==> flow/design.v <==
module my_mplex_stage (clk_i, RSTN, enable, din, addr, y);
   parameter WIDTH = 10;
   parameter LANES = 4;
   localparam SEL_W = $clog2(LANES);
   input clk_i;
   input RSTN;
   input enable;
   input [LANES*WIDTH-1:0] din;
   input [SEL_W-1:0] addr;
   output [WIDTH-1:0] y;
   reg [LANES*WIDTH-1:0] din_d1;
   reg [SEL_W-1:0] addr_d1;
   wire [WIDTH-1:0] words [0:LANES-1];
   genvar g;
   generate
      for (g = 0; g < LANES; g = g + 1) begin : lane
         assign words[g] = din_d1[g*WIDTH +: WIDTH];
      end
   endgenerate
   assign y = words[addr_d1];
   always @(posedge clk_i or negedge RSTN) begin
      if (~RSTN) begin
         din_d1 <= 0;
         addr_d1 <= 0;
      end else if (enable) begin
         din_d1 <= din;
         addr_d1 <= addr;
      end
   end
endmodule
=== Reports on my_mplex_stage ===
Tool output for the design above, in the order of the flow.
Lines are those of the file above, counted from 1.
Operators carry their Yosys type and port widths (W data, S select, Z words).
Cell names lack the library's common part.
Not given: --

* Top: my_mplex_stage
* Clock port: clk_i
* Cell library: sky130hd
* Corner: tt_025C_1v80

=== Elaborated design ===
Yosys after proc, flatten, opt, wreduce and memory -nomap, before mapping. Enables and synchronous resets that opt folds into registers are not counted as muxes. Print and check cells are not counted. Equal cells are merged and count once.

* Elaborated cells: 7
* Flip-flop bits (word level): 42
* Output and inout port bits: 10
* Bits of input ports: 45

* Reduce/logical cells: 1
* Eq/ne operators: 3
* Multiplexer cells: 1

{| class="wikitable"
|+ Operators by type and width
! cell !! count
|-
| $pmux W10 S4 || 1
|-
| $eq A2 B2 Y1 const B || 2
|-
| $eq A2 B1 Y1 const B || 1
|-
| $logic_not A2 Y1 || 1
|}

=== Longest topological paths ===
Yosys ltp: most cells in a row. Word level: on the elaborated netlist, between registers, memories and ports. Mapped: between sequential cells and ports; inverters and the memories' decode and read muxes count.

* Depth after elaboration: 2
* ABC_AREA: 0
* Mapped depth: 3
* Gate-level depth less buffers: 1

=== Mapped cells and area ===
The flow's flattened synthesis, as Yosys stat reports it; memories are mapped. The netlist is that of the ABC_AREA named above (0 if unset); the other value can give another one.
The area totals of this step are shown rounded.

{| class="wikitable"
|+ Cell types
! type !! count !! total area (um^2)
|-
| dfrtp_1 || 42 || 1.05E+03
|-
| mux2_2 || 42 || 472.954
|-
| mux4_2 || 9 || 202.694
|-
| buf_4 || 4 || 30.029
|-
| mux4_1 || 1 || 26.275
|-
| buf_6 || 1 || 11.261
|-
| buf_2 || 2 || 10.01
|}

* Area of sequential cells: 1050 um^2
* Mapped flip-flops: 42
* Buffers: 7
* Cell count: 101
* Chip area (Yosys): 1800 um^2

=== Timing after synthesis ===
Source: OpenSTA report_checks on the synthesized netlist (no wires, ideal clock, input and output delay 20% of the period each), path of least setup slack; recovery checks are left aside. Register names are those of the netlist, which keeps one name where synthesis merged equal registers.

* Path type: register -> output
* From: register addr_d1[0]
* To: output port y[0]
* Path delay: 1053 ps
* Path slack: 267 ps
* Data arrival time: 1053 ps
* Data required time: 1320 ps
* Clock period: 1650 ps
* Buffers on the path: 1
* Driving pins on the path: 3
* Time at the first pin: 0 ps
* Output delay: 330 ps
* Period reached after synthesis: 1383 ps

"path delay" = arrival - input delay + setup time.
A path that ends at an output port has no setup time.
"driving pins on the path" counts driving pins, that of a launching flip-flop among them; a cell with two outputs on the path counts twice.
"period reached after synthesis" is the clock period less the worst setup slack; recovery checks do not enter. This is arithmetic on one report: input and output delays are still those of the set period (20% each).
Between the ends stands the longest chain of elaborated cells between them, by number of cells; it is not shown to be the way that was timed. Of several equally long chains one is given.
A line is the first line of the expression or statement that the cell stems from. Yosys adds cells for indexed reads and writes and turns some case tables into memories.

* Path through: dfrtp_1 buf_6 mux4_2
* Cells in the longest elaborated chain: 2
* Elaborated cells on any way between the ends: 5
* Source lines of those cells: 1
* Classes of those cells: 3 x eq/ne; 1 x mux; 1 x reduce/logical

{| class="wikitable"
|+ RTL lines, path after synthesis
! item !! RTL line !! text
|-
| start, declared || 12 || <nowiki>reg [SEL_W-1:0] addr_d1;</nowiki>
|-
| start, assigned || 24 || <nowiki>addr_d1 <= 0;</nowiki>
|-
| start, assigned || 27 || <nowiki>addr_d1 <= addr;</nowiki>
|-
| $eq A2 B2 Y1 || 20 || <nowiki>assign y = words[addr_d1];</nowiki>
|-
| $pmux W10 S4 || 20 ||
|-
| end, declared || 10 || <nowiki>output [WIDTH-1:0] y;</nowiki>
|}

=== Path in the finished layout ===
Path of least setup slack in the final report of flow run B (OpenROAD, finished layout, wires in). Where an end is a register, its clock arrival counts in the times.
The path's times are printed in steps of 10 ps; the period is the one set.

* Path type: register -> output
* From: register addr_d1[0]
* To: output port y[2]
* Buffers on the path: 2
* Output delay: 250 ps
* Clock period: 1270 ps
* Driving pins on the path: 4
* Path slack: -480 ps
* Time at the first pin: 280 ps
* Data required time: 1020 ps
* Data arrival time: 1500 ps

Between the ends stands the longest chain of elaborated cells between them, by number of cells; it is not shown to be the way that was timed. Of several equally long chains one is given.

* Path through: dfrtp_1 buf_12 mux4_2 buf_6
* Cells in the longest elaborated chain: 2
* Elaborated cells on any way between the ends: 5
* Source lines of those cells: 1
* Classes of those cells: 3 x eq/ne; 1 x mux; 1 x reduce/logical

{| class="wikitable"
|+ RTL lines, path after layout
! item !! RTL line !! text
|-
| start, declared || 12 || <nowiki>reg [SEL_W-1:0] addr_d1;</nowiki>
|-
| start, assigned || 24 || <nowiki>addr_d1 <= 0;</nowiki>
|-
| start, assigned || 27 || <nowiki>addr_d1 <= addr;</nowiki>
|-
| $eq A2 B2 Y1 || 20 || <nowiki>assign y = words[addr_d1];</nowiki>
|-
| $pmux W10 S4 || 20 ||
|-
| end, declared || 10 || <nowiki>output [WIDTH-1:0] y;</nowiki>
|}

Memo
Re: implementation data of my_mplex_stage

Measured data: module my_mplex_stage, platform sky130hd, 3 stored runs of the flow under differing settings, order arbitrary. Input and output delays are each 20% of the period that was set; the output load is 0.01 pF.
"reached clock period" = clock period - worst setup slack. The figure is calculated, with input and output delays left at 20% of the set period.
"worst path time" = time allowed to the worst setup path (clock period - input delay - output delay, where it has them) - its slack; a late launch clock adds to it, a late capture clock takes from it.
By "power consumption" is meant OpenSTA's value without simulated activity: inputs other than the clock are taken to toggle once in ten clock periods, and the tool carries that through the logic.
"worst path time" is given in steps of 10 ps.
The measured numbers are rounded.

=== Flow run A ===
{| class="wikitable"
! Setting !! Value
|-
| period_ns || 1.27
|-
| CORE_UTILIZATION || 53
|-
| CORE_MARGIN || 5
|-
| CELL_PAD_IN_SITES_GLOBAL_PLACEMENT || 3
|-
| TNS_END_PERCENT || 95
|-
| CAP_MARGIN || 0
|-
| SLEW_MARGIN || 20
|-
| MIN_ROUTING_LAYER || met2
|-
| MAX_ROUTING_LAYER || met4
|}
No results, placement failed with GPL-0301.

=== Flow run B ===
{| class="wikitable"
! Setting !! Value
|-
| period_ns || 1.27
|-
| CORE_UTILIZATION || 47
|-
| CORE_ASPECT_RATIO || 0.55
|-
| CTS_CLUSTER_DIAMETER || 102
|-
| CAP_MARGIN || 20
|-
| CORE_MARGIN || 2
|-
| SLEW_MARGIN || 20
|-
! Result !! Value
|-
| Total negative slack || -4670 ps
|-
| Area of the synthesized netlist || 1800 um^2
|-
| Worst path time || 1500 ps
|-
| Critical path type || register -> output
|-
| Total die area || 4370 um^2
|-
| Reached clock period || 1749 ps
|-
| Worst setup slack after layout || -479 ps
|-
| Area of the standard cells in the finished layout || 2500 um^2
|-
| Power consumption || 0.003 W
|}

=== Flow run C ===
{| class="wikitable"
! Setting !! Value
|-
| period_ns || 1.65
|-
| CAP_MARGIN || 20
|-
| CORE_MARGIN || 2
|-
| CORE_UTILIZATION || 40
|-
| SLEW_MARGIN || 20
|-
! Result !! Value
|-
| Total negative slack || -1660 ps
|-
| Area of the synthesized netlist || 1800 um^2
|-
| Worst path time || 1500 ps
|-
| Critical path type || register -> output
|-
| Total die area || 5060 um^2
|-
| Reached clock period || 1832 ps
|-
| Worst setup slack after layout || -182 ps
|-
| Area of the standard cells in the finished layout || 2530 um^2
|-
| Power consumption || 0.00239 W
|}
